==> flow/design.v <==
module dp_registers_stage #(
  parameter NWORDS = 6,
  parameter DATA_WIDTH = 32,
  parameter NR = 1,
  parameter WPORTS = 2,
  parameter AW = $clog2(NWORDS)
) (
  input wire i_clk,
  input wire clr,
  input wire [WPORTS-1:0] load_in,
  input wire [WPORTS*AW-1:0] wsel_in,
  input wire [WPORTS*DATA_WIDTH-1:0] d_in,
  input wire [NR*AW-1:0] ra_in,
  output wire [NR*DATA_WIDTH-1:0] dout_out
);
  reg [DATA_WIDTH-1:0] store [NWORDS-1:0];
  integer k;
  always @(posedge i_clk) begin
    for (k = 0; k < WPORTS; k = k + 1)
      if (load_in[k]) store[wsel_in[k*AW +: AW]] <= d_in[k*DATA_WIDTH +: DATA_WIDTH];
  end
  wire [NR*DATA_WIDTH-1:0] cur;
  genvar jj;
  generate
    for (jj = 0; jj < NR; jj = jj + 1) begin : stage
      assign cur[jj*DATA_WIDTH +: DATA_WIDTH] = store[ra_in[jj*AW +: AW]];
    end
  endgenerate
  reg [NR*DATA_WIDTH-1:0] r_dout;
  assign dout_out = r_dout;
  always @(posedge i_clk or posedge clr) begin
    if (clr) begin
      r_dout <= 0;
    end else begin
      r_dout <= cur;
    end
  end
endmodule
--- tool output ---
Reports on dp_registers_stage
Module dp_registers_stage in several versions that differ in "WPORTS"; each step lists the members.
The file above is the member WPORTS=2. Line numbers count from 1 in each member's own file.
Operators: Yosys type, input widths -> output width; for muxes data width and select width s.
Library cell names are shortened.
Not given: n/a

set-up
  design top = dp_registers_stage
  clock port = i_clk
  cell library = sky130hd
  corner = tt_025C_1v80

Members of the sweep
Lines of each other member's file that are new or changed against the file above; lines that a member lacks are not shown.

lines new or changed
  WPORTS  line  text
  4       5     parameter WPORTS = 4,
  6       5     parameter WPORTS = 6,

Word level
Source: Yosys, flattened and elaborated, memories not mapped. Widths are those after wreduce; folded enables and synchronous resets count as part of the registers. Registers that Yosys merges into a memory's read port (data or address) are not register bits. Print and check cells do not count. Equal cells are merged and count once.
Yosys's memory passes give these memory sizes; they may raise the number of words (mostly to a power of two), join words into wider ones and drop unused or constant bits.

operators by class
  WPORTS  muxes and demuxes
  2       6
  4       12
  6       18

operator list
  WPORTS  kinds with counts
  2       $mux 32 (2); $mux 3 (2); $mux 1 (2)
  4       $mux 32 (4); $mux 3 (4); $mux 1 (4)
  6       $mux 32 (6); $mux 3 (6); $mux 1 (6)

bit counts
  WPORTS  bits in registers  memory bits (writable)  clocked read ports x word width  memories kept  bits of input ports  output and inout port bits  cells after elaboration
  2       0                  192                     32                               1              77                   32                          7
  4       0                  192                     32                               1              149                  32                          13
  6       0                  192                     32                               1              221                  32                          19

memory list
  WPORTS  words x width with read and write ports
  2       store 6x32 r1 w2
  4       store 6x32 r1 w4
  6       store 6x32 r1 w6

Longest topological paths
Longest topological path by Yosys (ltp), each cell counted once; first at word level (registers and memories cut), then after technology mapping (sequential cells cut; the memories' decode and read muxes count).

depth
  WPORTS  word-level depth  ABC_AREA  gate-level depth with buffers  depth with buffers taken out
  2       1                 0         5                              2
  4       1                 0         7                              3
  6       1                 0         7                              4

Synthesis result
Source: synth_stat.txt of the flow (Yosys; design flattened, memories mapped). It holds for the ABC_AREA given above (unset counts as 0); a run with the other value may have another netlist.

cells by type
  WPORTS  types with counts
  2       edfxtp_1 (192); mux2_2 (173); mux2_1 (83); dfrtp_1 (32); mux4_2 (32); buf_6 (13); buf_2 (14); buf_4 (6); nor4b_4 (1); nor4bb_1 (2); a31o_2 (2); nand4b_1 (2); nand3b_1 (2); o21bai_1 (2); and4bb_2 (1); clkbuf_1 (3); inv_1 (3); o21ai_0 (2); nor2_1 (1)
  4       edfxtp_1 (192); mux2i_1 (224); a211oi_1 (139); nor3_1 (192); nor2_1 (228); dfrtp_1 (32); mux4_2 (32); a211oi_2 (53); clkbuf_1 (82); buf_2 (37); a21oi_1 (32); buf_6 (8); nor4bb_1 (6); nand4b_1 (6); nand4bb_1 (4); and2_1 (6); nand3_1 (7); buf_1 (7); (+19)
  6       edfxtp_1 (192); nand2_1 (445); o31ai_1 (186); o22ai_1 (186); o21ai_0 (189); dfrtp_1 (32); and3_1 (125); mux4_2 (32); a211oi_1 (69); clkbuf_1 (138); nor2b_1 (64); mux2i_1 (32); a21oi_1 (38); buf_2 (37); nor2_1 (42); and4bb_2 (10); nand4bb_1 (8); and4b_1 (8); (+81)

A list marked (+n) leaves out that many cells.

mapped netlist
  WPORTS  standard cells after synthesis  chip area (Yosys) (um^2)  flip-flop cells  buffer cells
  2       566                             10588.9                   224              36
  4       1306                            14199.9                   224              136
  6       1914                            16413.2                   224              186

Worst setup path after synthesis
Source: OpenSTA report_checks on the synthesized netlist (no wires, ideal clock, input and output delay 20% of the period each), path of least setup slack; recovery checks are left aside. Register names are those of the netlist, which keeps one name where synthesis merged equal registers.

path after synthesis
  WPORTS  kind          from            to               period (ns)  setup slack (ns)  driving pins on the path  path delay (ns)  synthesis period reached (ns)
  2       input-to-reg  in wsel_in[1]   mem store[5][0]  4.56         0.731             2                         2.918            3.829
  4       input-to-reg  in wsel_in[9]   mem store[3][0]  3.6          0.579             6                         2.301            3.021
  6       input-to-reg  in wsel_in[14]  mem store[2][0]  4.1          0.657             5                         2.623            3.443

"path delay" = arrival - input delay + setup time.
"driving pins on the path": output pins that drive a net of the path, with the launching flip-flop's if there is one; two outputs of one cell count as two.
"synthesis period reached" is the clock period less the worst setup slack; recovery checks do not enter. This is arithmetic on one report: input and output delays are still those of the set period (20% each).
The rows between start and end are the longest chain of elaborated cells between them; the timing report does not say that the signal goes this way. Where chains are equally long, one stands for them.
Each line given opens the expression or statement behind the cell; cells for indexed reads and writes are added by Yosys, which also makes memories of some case tables.

between the ends, after synthesis, WPORTS=2
  length of the longest elaborated chain = 1

ends and longest elaborated chain, after synthesis, WPORTS=2
  item                line  text
  start: declaration  11    input wire [WPORTS*AW-1:0] wsel_in,
  $mux 3              20    if (load_in[k]) store[wsel_in[k*AW +: AW]] <= d_in[k*DATA_WIDTH +: DATA_WIDTH];
  end: declaration    16    reg [DATA_WIDTH-1:0] store [NWORDS-1:0];

between the ends, after synthesis, WPORTS=6
  length of the longest elaborated chain = 1

ends and longest elaborated chain, after synthesis, WPORTS=6
  item                line  text
  start: declaration  11    input wire [WPORTS*AW-1:0] wsel_in,
  $mux 3              20    if (load_in[k]) store[wsel_in[k*AW +: AW]] <= d_in[k*DATA_WIDTH +: DATA_WIDTH];
  end: declaration    16    reg [DATA_WIDTH-1:0] store [NWORDS-1:0];

Timing after layout
From the final timing report of each member's run: the path of least setup slack in the routed layout; clock arrival at registers is part of the times.

path after layout
  WPORTS  kind          from            to                period (ns)  setup slack (ns)  driving pins on the path  arrival (ns)  path buffers
  2       input-to-reg  in wsel_in[4]   mem store[2][21]  4.56         1.76              4                         3.06          2
  4       input-to-reg  in wsel_in[11]  mem store[5][31]  3.6          0.99              6                         2.96          3
  6       input-to-reg  in wsel_in[4]   mem store[4][15]  4.1          1.07              4                         3.20          2

Layout results
One run of the flow (Yosys, OpenROAD) for each member, with settings and measured results. Input and output delays are each 20% of the period that was set; the output load is 0.01 pF.

flow settings
  CAP_MARGIN = 20
  CORE_MARGIN = 2
  CORE_UTILIZATION = 40
  SLEW_MARGIN = 20

settings by member
  WPORTS  period_ns
  2       4.56
  4       3.6
  6       4.1

results
  WPORTS  Yosys chip area after synthesis (um^2)  area of the die (um^2)  standard-cell area after layout (um^2)  utilization after routing (%)  worst slack on setup checks (ns)  clock period achieved (ns)
  2       10588.9                                 27788.9                 12788.5                                 49.1                           1.761                             2.799
  4       14199.9                                 37023.5                 17603.1                                 50.0                           0.994                             2.606
  6       16413.2                                 42669.1                 20463.4                                 50.3                           1.072                             3.028

"clock period achieved" is the run's clock period less its worst setup slack. It is reckoned from that one timing run; input and output delays stay at 20% of the period that was set.
--- end ---
